==> flow/design.v <==
module my_mem_stage #(
    parameter WORDS = 40,
    parameter WD = 6,
    parameter AW = $clog2(WORDS)
) (
    input wire core_clk,
    input wire rstn,
    input wire valid,
    input wire [AW-1:0] addr_in,
    input wire wr_en_in,
    input wire [WD-1:0] write_data_in,
    output wire [WD-1:0] dout_out
);
    reg [AW-1:0] addr_s;
    always @(posedge core_clk or negedge rstn) begin
        if (~rstn) begin
            addr_s <= 0;
        end else if (valid) begin
            addr_s <= addr_in;
        end
    end
    reg wr_en_s;
    always @(posedge core_clk or negedge rstn) begin
        if (~rstn) begin
            wr_en_s <= 1'b0;
        end else if (valid) begin
            wr_en_s <= wr_en_in;
        end
    end
    reg [WD-1:0] write_data_s;
    always @(posedge core_clk or negedge rstn) begin
        if (~rstn) begin
            write_data_s <= 0;
        end else if (valid) begin
            write_data_s <= write_data_in;
        end
    end
    reg [WD-1:0] ram [0:WORDS-1];
    always @(posedge core_clk)
        if (valid && wr_en_s) ram[addr_s] <= write_data_s;
    assign dout_out = wr_en_s ? write_data_s : ram[addr_s];
endmodule
## Reports on my_mem_stage

Tool output for the design above, in the order of the flow.
Line numbers count from 1 in the design file above.
Library cell names are shortened.
The mark n/a stands for no value.

| set-up | value |
|---|---|
| design top | my_mem_stage |
| clock port | core_clk |
| library | sky130hd |
| corner | tt_025C_1v80 |

## Word-level counts

Yosys after proc, flatten, opt, wreduce and memory -nomap, before mapping. Enables and synchronous resets that opt folds into registers are not counted as muxes. Memory bits, and registers merged into a memory's read port (data or address), are not among the register bits. Print and check cells are not counted. Equal cells are merged and count once.
Yosys's memory passes give these memory sizes; they may raise the number of words (mostly to a power of two), join words into wider ones and drop unused or constant bits.

| storage and ports | value |
|---|---|
| register bits | 13 |
| memory bits (writable) | 240 |
| memory cells | 1 |
| input port bits | 16 |
| output and inout bits | 6 |

Memories:

| name | depth | width | rd ports | wr ports | line | text |
|---|---|---|---|---|---|---|
| ram | 40 | 6 | 1 | 1 | 38 | `reg [WD-1:0] ram [0:WORDS-1];` |

| operators by class | value |
|---|---|
| multiplexer cells | 4 |
| reduce/logical cells | 1 |

Operators with widths:

| cell | number |
|---|---|
| two-way mux 6 bit | 3 |
| logical AND 1 bit | 1 |
| two-way mux 1 bit | 1 |

## Longest topological paths

Yosys ltp: most cells in a row. Word level: on the elaborated netlist, between registers, memories and ports. Mapped: between sequential cells and ports; inverters and the memories' decode and read muxes count.

| depth | value |
|---|---|
| depth in word-level cells | 2 |
| ABC_AREA | 0 |
| depth in mapped cells | 9 |
| gate-level depth less buffers | 5 |

## Synthesis result

The flow's flattened synthesis, as Yosys stat reports it; memories are mapped. The netlist is that of the ABC_AREA named above (0 if unset); the other value can give another one.
Totals and module areas in this step are rounded.

Cell types:

| cell | number |
|---|---|
| edfxtp_1 | 240 |
| dfrtp_1 | 13 |
| mux2i_1 | 32 |
| a221oi_1 | 33 |
| mux4_2 | 12 |
| nor2_1 | 57 |
| mux2_2 | 16 |
| buf_6 | 10 |
| nand2_1 | 30 |
| buf_2 | 18 |
| a31oi_1 | 12 |
| o21ai_0 | 14 |
| o22a_1 | 7 |
| a22o_1 | 6 |
| a22oi_1 | 7 |
| o22ai_1 | 8 |
| a21oi_1 | 7 |
| a41oi_1 | 4 |

Not listed: further types 40, cells in them 85.

| mapped netlist | value |
|---|---|
| mapped cells | 611 |
| synthesis area | 10200 um^2 |
| flip-flop cells | 253 |
| buffers | 40 |

## Worst setup path after synthesis

OpenSTA on the mapped netlist: ideal clock, no wires. The path of least setup slack (recovery checks aside). Input and output delay are each 20% of the period. Register names are those of the netlist, which keeps one name where synthesis merged equal registers.

| path post-synthesis | value |
|---|---|
| path type | register to output |
| start | reg addr_s[0] |
| end | out dout_out[0] |
| clock period | 2700 ps |
| external output delay | 540 ps |
| arrival | 1726 ps |
| slack | 434 ps |
| delay of the path | 1726 ps |
| stages | 9 |
| path buffers | 3 |
| synthesis period reached | 2266 ps |

"delay of the path" is the arrival time less input delay plus setup time.
A path that ends at an output port has no setup time.
"stages": output pins that drive a net of the path, with the launching flip-flop's if there is one; two outputs of one cell count as two.
"synthesis period reached" is the clock period less the worst setup slack; recovery checks do not enter. This is arithmetic on one report: input and output delays are still those of the set period (20% each).
The rows between start and end are the longest chain of elaborated cells between them; the timing report does not say that the signal goes this way. Where chains are equally long, one stands for them.
Each line given opens the expression or statement behind the cell; cells for indexed reads and writes are added by Yosys, which also makes memories of some case tables.
The chain passes a memory read, where the word-level depth is cut; so it can be longer than that depth.

| between the ends, post-synthesis | value |
|---|---|
| path through | dfrtp_1 > buf_6 > buf_6 > buf_2 > nor4b_1 > a31oi_1 > a31oi_1 > a221oi_1 > a41oi_1 |
| length of the longest elaborated chain | 2 |

RTL lines, path post-synthesis:

| item | line | text |
|---|---|---|
| start: declaration | 14 | `reg [AW-1:0] addr_s;` |
| start: assignment | 17 | `addr_s <= 0;` |
| start: assignment | 19 | `addr_s <= addr_in;` |
| memory read (40 x 6 bit) | 38 | `reg [WD-1:0] ram [0:WORDS-1];` |
| two-way mux 6 bit | 41 | `assign dout_out = wr_en_s ? write_data_s : ram[addr_s];` |
| end: declaration | 12 | `output wire [WD-1:0] dout_out` |

## Worst path after layout

From the final timing report of record 1: the path of least setup slack in the routed layout; clock arrival at registers is part of the times.
The path's times are printed in steps of 10 ps; the period is the one set.

| path after layout | value |
|---|---|
| path type | register to output |
| start | reg addr_s[0] |
| end | out dout_out[2] |
| clock period | 4200 ps |
| external output delay | 840 ps |
| arrival | 2770 ps |
| slack | 590 ps |
| stages | 10 |
| path buffers | 4 |

The rows between start and end are the longest chain of elaborated cells between them; the timing report does not say that the signal goes this way. Where chains are equally long, one stands for them.
The chain passes a memory read, where the word-level depth is cut; so it can be longer than that depth.

| between the ends, after layout | value |
|---|---|
| path through | dfrtp_2 > buf_6 > buf_6 > nor2_1 > buf_4 > a221oi_1 > or3_4 > o2111ai_2 > o32a_1 > buf_2 |
| length of the longest elaborated chain | 2 |

RTL lines, path after layout:

| item | line | text |
|---|---|---|
| start: declaration | 14 | `reg [AW-1:0] addr_s;` |
| start: assignment | 17 | `addr_s <= 0;` |
| start: assignment | 19 | `addr_s <= addr_in;` |
| memory read (40 x 6 bit) | 38 | `reg [WD-1:0] ram [0:WORDS-1];` |
| two-way mux 6 bit | 41 | `assign dout_out = wr_en_s ? write_data_s : ram[addr_s];` |
| end: declaration | 12 | `output wire [WD-1:0] dout_out` |

Subject: flow runs of my_mem_stage

Hi,

Measured data: module my_mem_stage, platform sky130hd, 3 stored runs of the flow under differing settings, order arbitrary. Input and output delays are each 20% of the period that was set; the output load is 0.01 pF.
"allowed time less slack (worst setup path)" = time allowed to the worst setup path (clock period - input delay - output delay, where it has them) - its slack; a late launch clock adds to it, a late capture clock takes from it.
"allowed time less slack (worst setup path)" is known to 10 ps.
The measured numbers are rounded.
Among the settings, -- means not set for that run.

| run name | period_ns | CORE_UTILIZATION | SETUP_SLACK_MARGIN | PLACE_DENSITY_LB_ADDON | HOLD_SLACK_MARGIN | CORE_ASPECT_RATIO | TNS_END_PERCENT | ABC_AREA | CTS_CLUSTER_SIZE | CTS_CLUSTER_DIAMETER | MAX_ROUTING_LAYER | CAP_MARGIN | CORE_MARGIN | SLEW_MARGIN | CELL_PAD_IN_SITES_DETAIL_PLACEMENT | total negative slack on setup checks (ps) | total die area (um^2) | worst setup slack after layout (ps) | utilization of the finished layout | allowed time less slack (worst setup path) (ps) | worst setup path kind | post-synthesis cell area (um^2) |
|---|---|---|---|---|---|---|---|---|---|---|---|---|---|---|---|---|---|---|---|---|---|---|
| record 1 | 4.2 | 70 | 0.89 | 0.28 | 0.06 | 1.23 | 50 | 0 | 17 | 104 | met4 | 20 | 2 | 20 | -- | 0 | 15500 | 592 | 0.833 | 2770 | register to output | 10200 |
| record 2 | 2.7 | 40 | -- | -- | -- | -- | -- | -- | -- | -- | -- | 20 | 2 | 20 | -- | -2870 | 26700 | -588 | 0.521 | 2750 | register to output | 10200 |
| record 3 | 3.6 | 15 | -- | -- | -- | -- | -- | 0 | 30 | 314 | met5 | 20 | 2 | 20 | 0 | 0 | 69900 | 55 | 0.181 | 2820 | register to output | 10200 |

Regards
